==> flow/design.v <==
module my_sub_unit #(
  parameter integer DATA_WIDTH = 6
) (
  input logic clk,
  input logic clr,
  input logic [DATA_WIDTH-1:0] opa,
  input logic [DATA_WIDTH-1:0] opb,
  input logic subtract,
  output logic [DATA_WIDTH-1:0] delta,
  output logic cout
);
  logic [DATA_WIDTH-1:0] w2;
  assign w2 = opb ^ {DATA_WIDTH{subtract}};
  logic [DATA_WIDTH:0] work;
  assign work = opa + w2 + subtract;
  always_ff @(posedge clk or posedge clr) begin
    if (clr) begin
      delta <= 0;
    end else begin
      delta <= work[DATA_WIDTH-1:0];
    end
  end
  always_ff @(posedge clk or posedge clr) begin
    if (clr) begin
      cout <= 1'b0;
    end else begin
      cout <= work[DATA_WIDTH];
    end
  end
endmodule
== Tool chain data of my_sub_unit ==
What the tools print for my_sub_unit, step after step.
Line numbers count from 1 in the design file above.
Library cell names are shortened.
Not given: n/a
Inputs
  top: my_sub_unit
  clock port: clk
  cell library: sky130hd
  corner: tt_025C_1v80

== Word-level counts ==
Counts by Yosys on the flattened word-level netlist (proc, flatten, opt, wreduce; memories kept). Register bits leave out memories and registers merged into their read ports (data or address); mux counts leave out enables and synchronous resets folded into registers. Print and check cells are left out. Cells with the same type and inputs are merged into one.
Bit counts
  bits in registers: 7
  latch bits: 0
  RAM bits: 0
  ROM bits: 0
  word width x clocked read ports: 0
  memories: 0
  bits of input ports: 15
Cells by class
  add/subtract/negate cells: 2
  multipliers: 0
  div/mod/pow operators: 0
  $lt $le $gt $ge: 0
  equal/unequal tests: 0
  shifts and indexed selects: 0
  muxes and demuxes: 0
  bitwise logic cells: 1
  reduce/logical cells: 0
Operator list (number)
  adder 6 x 6 -> 7 bit: 1
  adder 7 x 1 -> 7 bit: 1
  XOR 6 bit: 1

== Longest topological paths ==
Depth = most cells in a row (Yosys ltp): at word level without a register or memory, in the mapped netlist without a sequential cell, where the memories' decode and read muxes count.
Logic depth
  depth in word-level cells: 3
  ABC_AREA: 0
  mapped depth: 7

== Netlist ==
Source: synth_stat.txt of the flow (Yosys; design flattened, memories mapped). It holds for the ABC_AREA given above (unset counts as 0); a run with the other value may have another netlist.
Cell types (number)
  dfrtp_1: 7
  ha_1: 6
  xor2_1: 8
  fa_1: 1
  a21o_1: 2
  a21oi_1: 3
  mux2i_2: 1
  a211oi_2: 1
  buf_6: 1
  inv_1: 3
  o22a_1: 1
  xnor2_1: 1
  a211oi_1: 1
  nand2_1: 2
  o21bai_1: 1
  and2_1: 1
  nand4_1: 1
  o22ai_1: 1
Other cell types: 4; their cells: 4.
Synthesis totals
  cell count: 46
  synthesis area: 498.0 µm²
  flip-flop cells: 7
  buffers: 1

== Path before layout ==
Source: OpenSTA report_checks on the synthesized netlist (no wires, ideal clock, input and output delay 20% of the period each), path of least setup slack; recovery checks are left aside. Register names are those of the netlist, which keeps one name where synthesis merged equal registers.
Timing post-synthesis
  kind: input -> register
  start point: in subtract
  end point: reg cout
  clock period: 2.15 ns
  input delay: 0.430 ns
  setup time: 0.118 ns
  arrival time: 1.690 ns
  data required time: 2.032 ns
  slack: 0.342 ns
  delay of the path: 1.378 ns
  driving pins on the path: 7
  buffers on the path: 1
  period reached after synthesis: 1.808 ns
"delay of the path" = arrival - input delay + setup time.
"driving pins on the path" counts driving pins, that of a launching flip-flop among them; a cell with two outputs on the path counts twice.
"period reached after synthesis" = period - worst setup slack (recovery checks aside). The figure is calculated, with input and output delays left at 20% of the set period.
Between the ends stands the longest chain of elaborated cells between them, by number of cells; it is not shown to be the way that was timed. Of several equally long chains one is given.
Each line given opens the expression or statement behind the cell; cells for indexed reads and writes are added by Yosys, which also makes memories of some case tables.
Between the ends, post-synthesis
  path through: buf_6 -> mux2i_2 -> inv_1 -> fa_1 -> a211oi_1 -> o21bai_1 -> a21o_1
  cells in the longest elaborated chain: 3
  elaborated cells on any way between the ends: 3
  source lines of those cells: 2
Ends and longest elaborated chain, post-synthesis
  start: declaration: RTL line 8  | input logic subtract,
  XOR 6 bit: RTL line 13  | assign w2 = opb ^ {DATA_WIDTH{subtract}};
  adder 6 x 6 -> 7 bit: RTL line 15  | assign work = opa + w2 + subtract;
  adder 7 x 1 -> 7 bit: RTL line 15
  end: assignment: RTL line 25  | cout <= 1'b0;
  end: assignment: RTL line 27  | cout <= work[DATA_WIDTH];
  end: declaration: RTL line 10  | output logic cout

== Path in the finished layout ==
From the final timing report of stored run 1: the path of least setup slack in the routed layout; clock arrival at registers is part of the times.
Timing post-layout
  kind: input -> register
  start point: in opb[0]
  end point: reg cout
  clock period: 2.15 ns
  input delay: 0.43 ns
  setup time: 0.11 ns
  arrival time: 2.20 ns
  data required time: 2.29 ns
  slack: 0.09 ns
  driving pins on the path: 7
  buffers on the path: 1
Between the ends stands the longest chain of elaborated cells between them, by number of cells; it is not shown to be the way that was timed. Of several equally long chains one is given.
Between the ends, post-layout
  path through: clkdlybuf4s50_1 -> mux2i_2 -> inv_1 -> fa_1 -> a211oi_1 -> o21bai_1 -> a21o_1
  cells in the longest elaborated chain: 3
  elaborated cells on any way between the ends: 3
  source lines of those cells: 2
Ends and longest elaborated chain, post-layout
  start: declaration: RTL line 7  | input logic [DATA_WIDTH-1:0] opb,
  XOR 6 bit: RTL line 13  | assign w2 = opb ^ {DATA_WIDTH{subtract}};
  adder 6 x 6 -> 7 bit: RTL line 15  | assign work = opa + w2 + subtract;
  adder 7 x 1 -> 7 bit: RTL line 15
  end: assignment: RTL line 25  | cout <= 1'b0;
  end: assignment: RTL line 27  | cout <= work[DATA_WIDTH];
  end: declaration: RTL line 10  | output logic cout

Memo
Re: implementation data of my_sub_unit

Design my_sub_unit on sky130hd. What follows are 3 stored runs of the flow, each under its own settings; their order means nothing. The constraints put input and output delay at 20% of the set period each and load the outputs with 0.01 pF.
"achieved clock period (ns)" means the clock period less the worst setup slack. The figure is calculated, with input and output delays left at 20% of the set period.
"worst setup path time (ns)" is the time allowed to the run's worst setup path (the clock period less input and output delay, where it has them) less its slack. Clock arrival times count: a late capture clock shortens it, a late launch clock lengthens it.
"finish__power__total": no workload was simulated; the value follows from the tool's default switching activity.

settings of stored run 1
{
  "period_ns": 2.15,
  "CAP_MARGIN": 20,
  "CORE_MARGIN": 2,
  "CORE_UTILIZATION": 40,
  "SLEW_MARGIN": 20
}
report of stored run 1
yosys chip area after synthesis (um^2): 498.0
finish__design__die__area: 1543.3
finish__design__instance__utilization: 0.7039
finish__timing__setup__ws: 0.091
finish__timing__setup__tns: 0.000
finish__power__total: 5.286e-04
achieved clock period (ns): 2.059
worst setup path time (ns): 1.63
worst setup path kind: input -> register

settings of stored run 2
{
  "period_ns": 1.14,
  "CORE_UTILIZATION": 66,
  "SETUP_SLACK_MARGIN": -0.1,
  "PLACE_DENSITY_LB_ADDON": 0.27,
  "CORE_MARGIN": 6,
  "CELL_PAD_IN_SITES_DETAIL_PLACEMENT": 2,
  "CTS_CLUSTER_DIAMETER": 136,
  "CAP_MARGIN": 25,
  "SLEW_MARGIN": 20
}
report of stored run 2: did not finish, floorplan, PDN-0185

settings of stored run 3
{
  "period_ns": 3.33,
  "CORE_UTILIZATION": 38,
  "PLACE_DENSITY_LB_ADDON": 0.0,
  "HOLD_SLACK_MARGIN": -0.08,
  "CORE_ASPECT_RATIO": 0.95,
  "CORE_MARGIN": 8,
  "CELL_PAD_IN_SITES_DETAIL_PLACEMENT": 0,
  "GPL_ROUTABILITY_DRIVEN": 0,
  "CTS_CLUSTER_SIZE": 80,
  "MIN_ROUTING_LAYER": "met2",
  "MAX_ROUTING_LAYER": "met4",
  "CAP_MARGIN": 20,
  "SLEW_MARGIN": 20
}
report of stored run 3
yosys chip area after synthesis (um^2): 498.0
finish__design__die__area: 2725.3
finish__design__instance__utilization: 0.6167
finish__timing__setup__ws: 0.918
finish__timing__setup__tns: 0.000
finish__power__total: 3.283e-04
achieved clock period (ns): 2.412
worst setup path time (ns): 1.75
worst setup path kind: input -> register
